==> flow/design.v <==
module alu_compare_stage #(
    parameter DWIDTH = 14
) (
    input  aclk,
    input  reset,
    input  [DWIDTH-1:0] lhs,
    input  [DWIDTH-1:0] rhs,
    output [DWIDTH-1:0] mn,
    output [DWIDTH-1:0] mx
);
    reg [DWIDTH-1:0] lhs_s;
    reg [DWIDTH-1:0] rhs_s;
    always @(posedge aclk) begin
        if (reset) begin
            lhs_s <= 0;
            rhs_s <= 0;
        end else begin
            lhs_s <= lhs;
            rhs_s <= rhs;
        end
    end
    wire work;
    assign work = lhs_s < rhs_s;
    reg [DWIDTH-1:0] mn_s;
    always @(posedge aclk) begin
        if (reset) begin
            mn_s <= 0;
        end else begin
            mn_s <= work ? lhs_s : rhs_s;
        end
    end
    assign mn = mn_s;
    reg [DWIDTH-1:0] mx_s;
    always @(posedge aclk) begin
        if (reset) begin
            mx_s <= 0;
        end else begin
            mx_s <= work ? rhs_s : lhs_s;
        end
    end
    assign mx = mx_s;
endmodule
# == From RTL to reports: alu_compare_stage ==
# Tool output for the members of one design family, told apart by "DWIDTH", in the order of the flow.
# The RTL above is that of DWIDTH=14; lines are counted from 1 in the file of the member named.
# Operators: Yosys type, input widths -> output width; for muxes data width and select width s.
# The mark - stands for no value.
# design
design,alu_compare_stage
clock_port,aclk
cell_library,sky130hd
lib_corner,tt_025C_1v80

# == Source of the members ==
# New or changed lines of each further member against the RTL above, in its own file; lines it lacks are not shown.
# src_changes
DWIDTH,line_no,rtl
24,2,parameter DWIDTH = 24
48,2,parameter DWIDTH = 48
112,2,parameter DWIDTH = 112

# == Word level ==
# Counts by Yosys on the flattened word-level netlist (proc, flatten, opt, wreduce; memories kept). Register bits leave out memories and registers merged into their read ports (data or address); mux counts leave out enables and synchronous resets folded into registers. Print and check cells are left out. Cells with the same type and inputs are merged into one.
# word_totals
DWIDTH,regBits,inputBits,out_inout_bits,elab_cells
14,56,30,28,7
24,96,50,48,7
48,192,98,96,7
112,448,226,224,7
# classes
DWIDTH,n_cmp,muxes
14,1,2
24,1,2
48,1,2
112,1,2
# op_table
DWIDTH,op_list
14,2 x $mux 14; 1 x $lt 14x14->1
24,2 x $mux 24; 1 x $lt 24x24->1
48,2 x $mux 48; 1 x $lt 48x48->1
112,2 x $mux 112; 1 x $lt 112x112->1

# == Logic depth ==
# Depth = most cells in a row (Yosys ltp): at word level without a register or memory, in the mapped netlist without a sequential cell, where the memories' decode and read muxes count.
# logic_depth
DWIDTH,depth_word,ABC_AREA,depth_mapped,depth_no_buf
14,2,0,8,6
24,2,0,10,8
48,2,0,12,9
112,2,0,13,10

# == Synthesis result ==
# The flow's flattened synthesis, as Yosys stat reports it; memories are mapped. The netlist is that of the ABC_AREA named above (0 if unset); the other value can give another one.
# by_type
DWIDTH,cell_types
14,56 x sky130_fd_sc_hd__dfxtp_1; 28 x sky130_fd_sc_hd__mux2i_1; 28 x sky130_fd_sc_hd__nor2b_1; 13 x sky130_fd_sc_hd__ha_1; 15 x sky130_fd_sc_hd__or2b_2; 10 x sky130_fd_sc_hd__nand2b_1; 13 x sky130_fd_sc_hd__inv_1; 3 x sky130_fd_sc_hd__buf_6; 3 x sky130_fd_sc_hd__a21oi_2; 1 x sky130_fd_sc_hd__a221oi_4; 3 x sky130_fd_sc_hd__or2b_1; 4 x sky130_fd_sc_hd__a21oi_1; 1 x sky130_fd_sc_hd__buf_12; 5 x sky130_fd_sc_hd__clkbuf_1; 5 x sky130_fd_sc_hd__nand2_1; 1 x sky130_fd_sc_hd__o221ai_2; 1 x sky130_fd_sc_hd__nand2b_4; 1 x sky130_fd_sc_hd__nor4_2; (+5)
24,96 x sky130_fd_sc_hd__dfxtp_1; 48 x sky130_fd_sc_hd__mux2i_1; 49 x sky130_fd_sc_hd__nor2b_1; 48 x sky130_fd_sc_hd__nand2b_1; 23 x sky130_fd_sc_hd__ha_1; 23 x sky130_fd_sc_hd__inv_1; 10 x sky130_fd_sc_hd__a21oi_1; 10 x sky130_fd_sc_hd__clkbuf_1; 3 x sky130_fd_sc_hd__buf_6; 4 x sky130_fd_sc_hd__a21o_1; 6 x sky130_fd_sc_hd__nand2_1; 4 x sky130_fd_sc_hd__o21ai_1; 3 x sky130_fd_sc_hd__nand4_1; 2 x sky130_fd_sc_hd__buf_4; 1 x sky130_fd_sc_hd__nor4b_2; 1 x sky130_fd_sc_hd__a21oi_2; 1 x sky130_fd_sc_hd__a41oi_1; 1 x sky130_fd_sc_hd__nand4b_1; (+3)
48,192 x sky130_fd_sc_hd__dfxtp_1; 96 x sky130_fd_sc_hd__mux2i_1; 98 x sky130_fd_sc_hd__nand2b_1; 97 x sky130_fd_sc_hd__nor2b_1; 47 x sky130_fd_sc_hd__ha_1; 47 x sky130_fd_sc_hd__inv_1; 16 x sky130_fd_sc_hd__a21oi_1; 21 x sky130_fd_sc_hd__clkbuf_1; 8 x sky130_fd_sc_hd__a21o_1; 3 x sky130_fd_sc_hd__buf_12; 9 x sky130_fd_sc_hd__nand2_1; 5 x sky130_fd_sc_hd__nand4_1; 4 x sky130_fd_sc_hd__buf_4; 6 x sky130_fd_sc_hd__o21ai_0; 2 x sky130_fd_sc_hd__buf_6; 1 x sky130_fd_sc_hd__nor4_4; 2 x sky130_fd_sc_hd__a221oi_1; 2 x sky130_fd_sc_hd__and4_1; (+20)
112,448 x sky130_fd_sc_hd__dfxtp_1; 224 x sky130_fd_sc_hd__mux2i_1; 227 x sky130_fd_sc_hd__nor2b_1; 225 x sky130_fd_sc_hd__nand2b_1; 111 x sky130_fd_sc_hd__ha_1; 113 x sky130_fd_sc_hd__inv_1; 45 x sky130_fd_sc_hd__a21oi_1; 51 x sky130_fd_sc_hd__clkbuf_1; 21 x sky130_fd_sc_hd__nand4_1; 17 x sky130_fd_sc_hd__a21o_1; 9 x sky130_fd_sc_hd__buf_6; 24 x sky130_fd_sc_hd__nand2_1; 9 x sky130_fd_sc_hd__buf_4; 13 x sky130_fd_sc_hd__o21ai_0; 8 x sky130_fd_sc_hd__nor3_1; 7 x sky130_fd_sc_hd__nand3_1; 6 x sky130_fd_sc_hd__buf_2; 8 x sky130_fd_sc_hd__nor2_1; (+26)
# The mark (+n) counts cells that are not listed.
# synth_totals
DWIDTH,cells,yosys_area_mm2,seq_area_mm2,ff_cells,n_buf
14,196,0.0022396,0.0011211,56,9
24,336,0.0036673,0.0019218,96,15
48,676,0.0074234,0.0038437,192,32
112,1592,0.0171915,0.0089686,448,75

# == Path before layout ==
# Path of least setup slack by OpenSTA after synthesis, without wires, with an ideal clock, recovery checks aside; 20% of the period is set as input and as output delay. Where synthesis merged equal registers, the netlist keeps one of their names.
# synth_timing
DWIDTH,path_kind,start,end,period_ns,slack_ns,path_stages,delay_ns,synth_period_reached_ns
14,register to register,reg rhs_s[13],reg mn_s[0],2.26,0.451,9,1.810,1.809
24,register to register,reg rhs_s[21],reg mn_s[17],2.32,0.465,11,1.855,1.855
48,register to register,reg rhs_s[31],reg mx_s[18],2.93,0.588,13,2.342,2.342
112,register to register,reg rhs_s[45],reg mn_s[100],3.4,0.683,13,2.717,2.717
# "delay_ns" = arrival - input delay + setup time.
# "path_stages" counts driving pins, that of a launching flip-flop among them; a cell with two outputs on the path counts twice.
# "synth_period_reached_ns" = period - worst setup slack (recovery checks aside). The figure is calculated, with input and output delays left at 20% of the set period.
# Between the ends stands the longest chain of elaborated cells between them, by number of cells; it is not shown to be the way that was timed. Of several equally long chains one is given.
# A line is the first line of the expression or statement that the cell stems from. Yosys adds cells for indexed reads and writes and turns some case tables into memories.
# synth_via_DWIDTH_14
elab_chain_cells,2
# synth_rtl_DWIDTH_14
item,line_no,rtl
start: declaration,12,reg [DWIDTH-1:0] rhs_s;
start: assignment,16,rhs_s <= 0;
start: assignment,19,rhs_s <= rhs;
$lt 14x14->1,23,assign work = lhs_s < rhs_s;
$mux 14,29,mn_s <= work ? lhs_s : rhs_s;
end: assignment,27,mn_s <= 0;
end: assignment,29,
end: declaration,24,reg [DWIDTH-1:0] mn_s;
# synth_via_DWIDTH_112
elab_chain_cells,2
# synth_rtl_DWIDTH_112
item,line_no,rtl
start: declaration,12,reg [DWIDTH-1:0] rhs_s;
start: assignment,16,rhs_s <= 0;
start: assignment,19,rhs_s <= rhs;
$lt 112x112->1,23,assign work = lhs_s < rhs_s;
$mux 112,29,mn_s <= work ? lhs_s : rhs_s;
end: assignment,27,mn_s <= 0;
end: assignment,29,
end: declaration,24,reg [DWIDTH-1:0] mn_s;

# == Path in the finished layout ==
# From the final timing report of each member's run: the path of least setup slack in the routed layout; clock arrival at registers is part of the times.
# layout_timing
DWIDTH,path_kind,start,end,period_ns,slack_ns,path_stages,arrival_ns,n_path_buf
14,register to register,reg rhs_s[13],reg mn_s[1],2.26,0.36,8,2.14,1
24,register to register,reg rhs_s[10],reg mx_s[16],2.32,0.26,10,2.29,1
48,register to register,reg rhs_s[1],reg mx_s[35],2.93,0.23,10,3.04,1
112,register to register,reg rhs_s[45],reg mx_s[44],3.4,0.13,11,3.74,1

# == Flow runs ==
# Settings and results of one run of the flow (Yosys, OpenROAD) for each member follow. The constraints put input and output delay at 20% of the set period each and load the outputs with 0.01 pF.
# settings
CAP_MARGIN,20
CORE_MARGIN,2
CORE_UTILIZATION,40
SLEW_MARGIN,20
# settings_diff
DWIDTH,period_ns
14,2.26
24,2.32
48,2.93
112,3.4
# measured
DWIDTH,synthArea_mm2,design_die_area_mm2,post_route_stdcell_area_mm2,post_route_util_pct,fin_ws_ns,setupTns_ns,fin_hold_ws_ns,total_power_mw,clock_period_reached_ns
14,0.0022396,0.0062134,0.0029991,54.8,0.365,0.000,0.506,2.153,1.895
24,0.0036673,0.0099501,0.0049435,56.1,0.258,0.000,0.499,3.430,2.062
48,0.0074234,0.0196645,0.0101835,56.3,0.233,0.000,0.498,6.229,2.697
112,0.0171915,0.044654,0.0239455,56.7,0.126,0.000,0.487,12.859,3.274
# By "clock_period_reached_ns" is meant the clock period of the run minus its worst setup slack. This is arithmetic on one report: input and output delays are still those of the set period (20% each).
# "total_power_mw" rests on the timing tool's default activity at the inputs, not on a simulated workload.
